==> flow/design.v <==
module ex_add_core_stage #(
  parameter DATA_WIDTH = 7,
  parameter GUARD = 2
) (
  input  wire clk_i,
  input  wire [DATA_WIDTH-1:0] data,
  input  wire init,
  output wire [DATA_WIDTH+GUARD-1:0] sum
);
  reg [DATA_WIDTH-1:0] data_q;
  reg init_q;
  reg [DATA_WIDTH+GUARD-1:0] acc;
  always @(posedge clk_i) begin
    data_q <= data;
    init_q <= init;
    acc <= init_q ? 0 : acc + data_q;
  end
  assign sum = acc;
endmodule
Step by step through the tools: ex_add_core_stage
A sweep over "DATA_WIDTH": the same steps for each member of the family.
The RTL above is that of DATA_WIDTH=7; lines are counted from 1 in the file of the member named.
Operators: Yosys type, input widths -> output width; for muxes data width and select width s.
The mark - stands for no value.

inputs
  top = ex_add_core_stage
  clock port = clk_i
  library = sky130hd
  library corner = tt_025C_1v80

Members of the sweep
New or changed lines of each further member against the RTL above, in its own file; lines it lacks are not shown.

new or changed lines
  DATA_WIDTH  RTL line  source
  14          2         parameter DATA_WIDTH = 14,
  72          2         parameter DATA_WIDTH = 72,
  112         2         parameter DATA_WIDTH = 112,

Word-level counts
Source: Yosys, flattened and elaborated, memories not mapped. Widths are those after wreduce; folded enables and synchronous resets count as part of the registers. Registers that Yosys merges into a memory's read port (data or address) are not register bits. Print and check cells do not count. Equal cells are merged and count once.

storage and ports
  DATA_WIDTH  register bits after elaboration  input bits
  7           17                               9
  14          31                               16
  72          147                              74
  112         227                              114

cells by class
  DATA_WIDTH  $add $sub $neg
  7           1
  14          1
  72          1
  112         1

operators by type and width
  DATA_WIDTH  kind and count
  7           1 x $add 9x7->9
  14          1 x $add 16x14->16
  72          1 x $add 74x72->74
  112         1 x $add 114x112->114

Logic depth
Depth = most cells in a row (Yosys ltp): at word level without a register or memory, in the mapped netlist without a sequential cell, where the memories' decode and read muxes count.

logic depth
  DATA_WIDTH  word-level depth  ABC_AREA  mapped depth  depth with buffers taken out
  7           1                 0         6             6
  14          1                 0         7             7
  72          1                 0         11            11
  112         1                 0         13            13

Mapped cells and area
Source: synth_stat.txt of the flow (Yosys; design flattened, memories mapped). It holds for the ABC_AREA given above (unset counts as 0); a run with the other value may have another netlist.
Totals and module areas in this step are rounded.

cell types
  DATA_WIDTH  types with counts
  7           17 x sky130_fd_sc_hd__dfxtp_1; 7 x sky130_fd_sc_hd__ha_1; 3 x sky130_fd_sc_hd__mux2_2; 5 x sky130_fd_sc_hd__nor2b_1; 7 x sky130_fd_sc_hd__nor2_1; 1 x sky130_fd_sc_hd__fa_1; 3 x sky130_fd_sc_hd__a21oi_1; 4 x sky130_fd_sc_hd__nand2_1; 1 x sky130_fd_sc_hd__a211oi_2; 1 x sky130_fd_sc_hd__o211ai_2; 1 x sky130_fd_sc_hd__or4_4; 2 x sky130_fd_sc_hd__o21ai_0; 2 x sky130_fd_sc_hd__o21ai_1; 1 x sky130_fd_sc_hd__a21o_2; 1 x sky130_fd_sc_hd__a21oi_2; 1 x sky130_fd_sc_hd__a41oi_1; 1 x sky130_fd_sc_hd__nor4b_1; 1 x sky130_fd_sc_hd__or3b_2; [+12]
  14          31 x sky130_fd_sc_hd__dfxtp_1; 14 x sky130_fd_sc_hd__ha_1; 9 x sky130_fd_sc_hd__a21o_1; 14 x sky130_fd_sc_hd__nor2_1; 7 x sky130_fd_sc_hd__o21a_1; 7 x sky130_fd_sc_hd__nor2b_1; 7 x sky130_fd_sc_hd__nor3_1; 3 x sky130_fd_sc_hd__mux2_2; 6 x sky130_fd_sc_hd__a21oi_1; 7 x sky130_fd_sc_hd__nand2_1; 3 x sky130_fd_sc_hd__xor2_1; 1 x sky130_fd_sc_hd__fa_1; 3 x sky130_fd_sc_hd__a31oi_1; 2 x sky130_fd_sc_hd__and4_1; 2 x sky130_fd_sc_hd__xnor2_1; 2 x sky130_fd_sc_hd__a211oi_1; 1 x sky130_fd_sc_hd__a221oi_2; 1 x sky130_fd_sc_hd__mux2_4; [+32]
  72          147 x sky130_fd_sc_hd__dfxtp_1; 72 x sky130_fd_sc_hd__ha_1; 94 x sky130_fd_sc_hd__a21oi_1; 95 x sky130_fd_sc_hd__nor2_1; 75 x sky130_fd_sc_hd__nand2_1; 52 x sky130_fd_sc_hd__o21ai_0; 33 x sky130_fd_sc_hd__a21o_1; 36 x sky130_fd_sc_hd__nor3_1; 28 x sky130_fd_sc_hd__nand4_1; 18 x sky130_fd_sc_hd__xnor2_1; 19 x sky130_fd_sc_hd__o21a_1; 14 x sky130_fd_sc_hd__xor2_1; 15 x sky130_fd_sc_hd__o21bai_1; 17 x sky130_fd_sc_hd__nor2b_1; 9 x sky130_fd_sc_hd__mux2_2; 24 x sky130_fd_sc_hd__clkbuf_1; 16 x sky130_fd_sc_hd__nand3_1; 10 x sky130_fd_sc_hd__o211ai_1; [+183]
  112         227 x sky130_fd_sc_hd__dfxtp_1; 112 x sky130_fd_sc_hd__ha_1; 194 x sky130_fd_sc_hd__a21oi_1; 195 x sky130_fd_sc_hd__nor2_1; 141 x sky130_fd_sc_hd__nand2_1; 99 x sky130_fd_sc_hd__o21ai_0; 52 x sky130_fd_sc_hd__xnor2_1; 52 x sky130_fd_sc_hd__a21o_1; 51 x sky130_fd_sc_hd__nand4_1; 34 x sky130_fd_sc_hd__o21bai_1; 28 x sky130_fd_sc_hd__xor2_1; 32 x sky130_fd_sc_hd__nor2b_1; 51 x sky130_fd_sc_hd__clkbuf_1; 47 x sky130_fd_sc_hd__inv_1; 35 x sky130_fd_sc_hd__nor3_1; 21 x sky130_fd_sc_hd__o21a_1; 13 x sky130_fd_sc_hd__mux2_2; 20 x sky130_fd_sc_hd__nand3_1; [+194]

A list marked [+n] leaves out that many cells.

synthesis totals
  DATA_WIDTH  cell area after synthesis (µm²)  area of sequential cells (µm²)  mapped flip-flops  cells in the netlist
  7           749                              340                             17                 71
  14          1500                             621                             31                 152
  72          8280                             2940                            147                957
  112         13000                            4540                            227                1598

Path before layout
Path of least setup slack by OpenSTA after synthesis, without wires, with an ideal clock, recovery checks aside; 20% of the period is set as input and as output delay. Where synthesis merged equal registers, the netlist keeps one of their names.

timing post-synthesis
  DATA_WIDTH  kind                  start point  end point    clock period (ps)  delay of the path (ps)  stages on the path  setup slack (ps)  period reached after synthesis (ps)
  7           register to register  reg acc[0]   reg acc[8]   2290               1828                    7                   463               1827
  14          register to register  reg acc[0]   reg acc[10]  2790               2233                    8                   558               2232
  72          register to register  reg acc[0]   reg acc[70]  3700               2963                    12                  737               2963
  112         register to register  reg acc[10]  reg acc[97]  3750               2998                    12                  752               2998

"delay of the path" is the arrival time less input delay plus setup time.
"stages on the path": output pins that drive a net of the path, with the launching flip-flop's if there is one; two outputs of one cell count as two.
"period reached after synthesis" = period - worst setup slack (recovery checks aside). The figure is calculated, with input and output delays left at 20% of the set period.
The rows between start and end are the longest chain of elaborated cells between them; the timing report does not say that the signal goes this way. Where chains are equally long, one stands for them.
Each line given opens the expression or statement behind the cell; cells for indexed reads and writes are added by Yosys, which also makes memories of some case tables.

between the ends, post-synthesis, DATA_WIDTH=7
  length of the longest elaborated chain = 1

ends and longest elaborated chain, post-synthesis, DATA_WIDTH=7
  item             RTL line  source
  start, declared  12        reg [DATA_WIDTH+GUARD-1:0] acc;
  start, assigned  16        acc <= init_q ? 0 : acc + data_q;
  $add 9x7->9      16
  end, assigned    16
  end, declared    12

between the ends, post-synthesis, DATA_WIDTH=112
  length of the longest elaborated chain = 1

ends and longest elaborated chain, post-synthesis, DATA_WIDTH=112
  item               RTL line  source
  start, declared    12        reg [DATA_WIDTH+GUARD-1:0] acc;
  start, assigned    16        acc <= init_q ? 0 : acc + data_q;
  $add 114x112->114  16
  end, assigned      16
  end, declared      12

Worst path after layout
Path of least setup slack in the final report of each member's run (OpenROAD, finished layout, wires in). Where an end is a register, its clock arrival counts in the times.
The path's times are printed in steps of 10 ps; the period is the one set.

timing after layout
  DATA_WIDTH  kind                  start point  end point    stages on the path  data arrival time (ps)  setup slack (ps)  clock period (ps)  path buffers
  7           register to register  reg acc[0]   reg acc[6]   7                   2070                    400               2290               0
  14          register to register  reg acc[0]   reg acc[10]  8                   2530                    430               2790               0
  72          register to register  reg acc[0]   reg acc[66]  12                  3570                    450               3700               0
  112         register to register  reg acc[0]   reg acc[86]  15                  3990                    190               3750               1

Flow runs
Settings and results of one run of the flow (Yosys, OpenROAD) for each member follow. The constraints put input and output delay at 20% of the set period each and load the outputs with 0.01 pF.

settings
  CAP_MARGIN = 20
  CORE_MARGIN = 2
  CORE_UTILIZATION = 40
  SLEW_MARGIN = 20

settings by member
  DATA_WIDTH  period_ns
  7           2.29
  14          2.79
  72          3.7
  112         3.75

measured results
  DATA_WIDTH  synthesized cell area (µm²)  post-layout utilization (%)  clock period achieved (ps)  worst-case hold slack (ps)  full die area (µm²)  setup slack of the critical path (ps)
  7           749                          55.5                         1890                        572                         2240                 400
  14          1500                         54.2                         2357                        552                         4260                 433
  72          8280                         52.2                         3245                        568                         21900                455
  112         13000                        51.7                         3556                        555                         34000                194

By "clock period achieved" is meant the clock period of the run minus its worst setup slack. This is arithmetic on one report: input and output delays are still those of the set period (20% each).
The measured numbers are rounded.
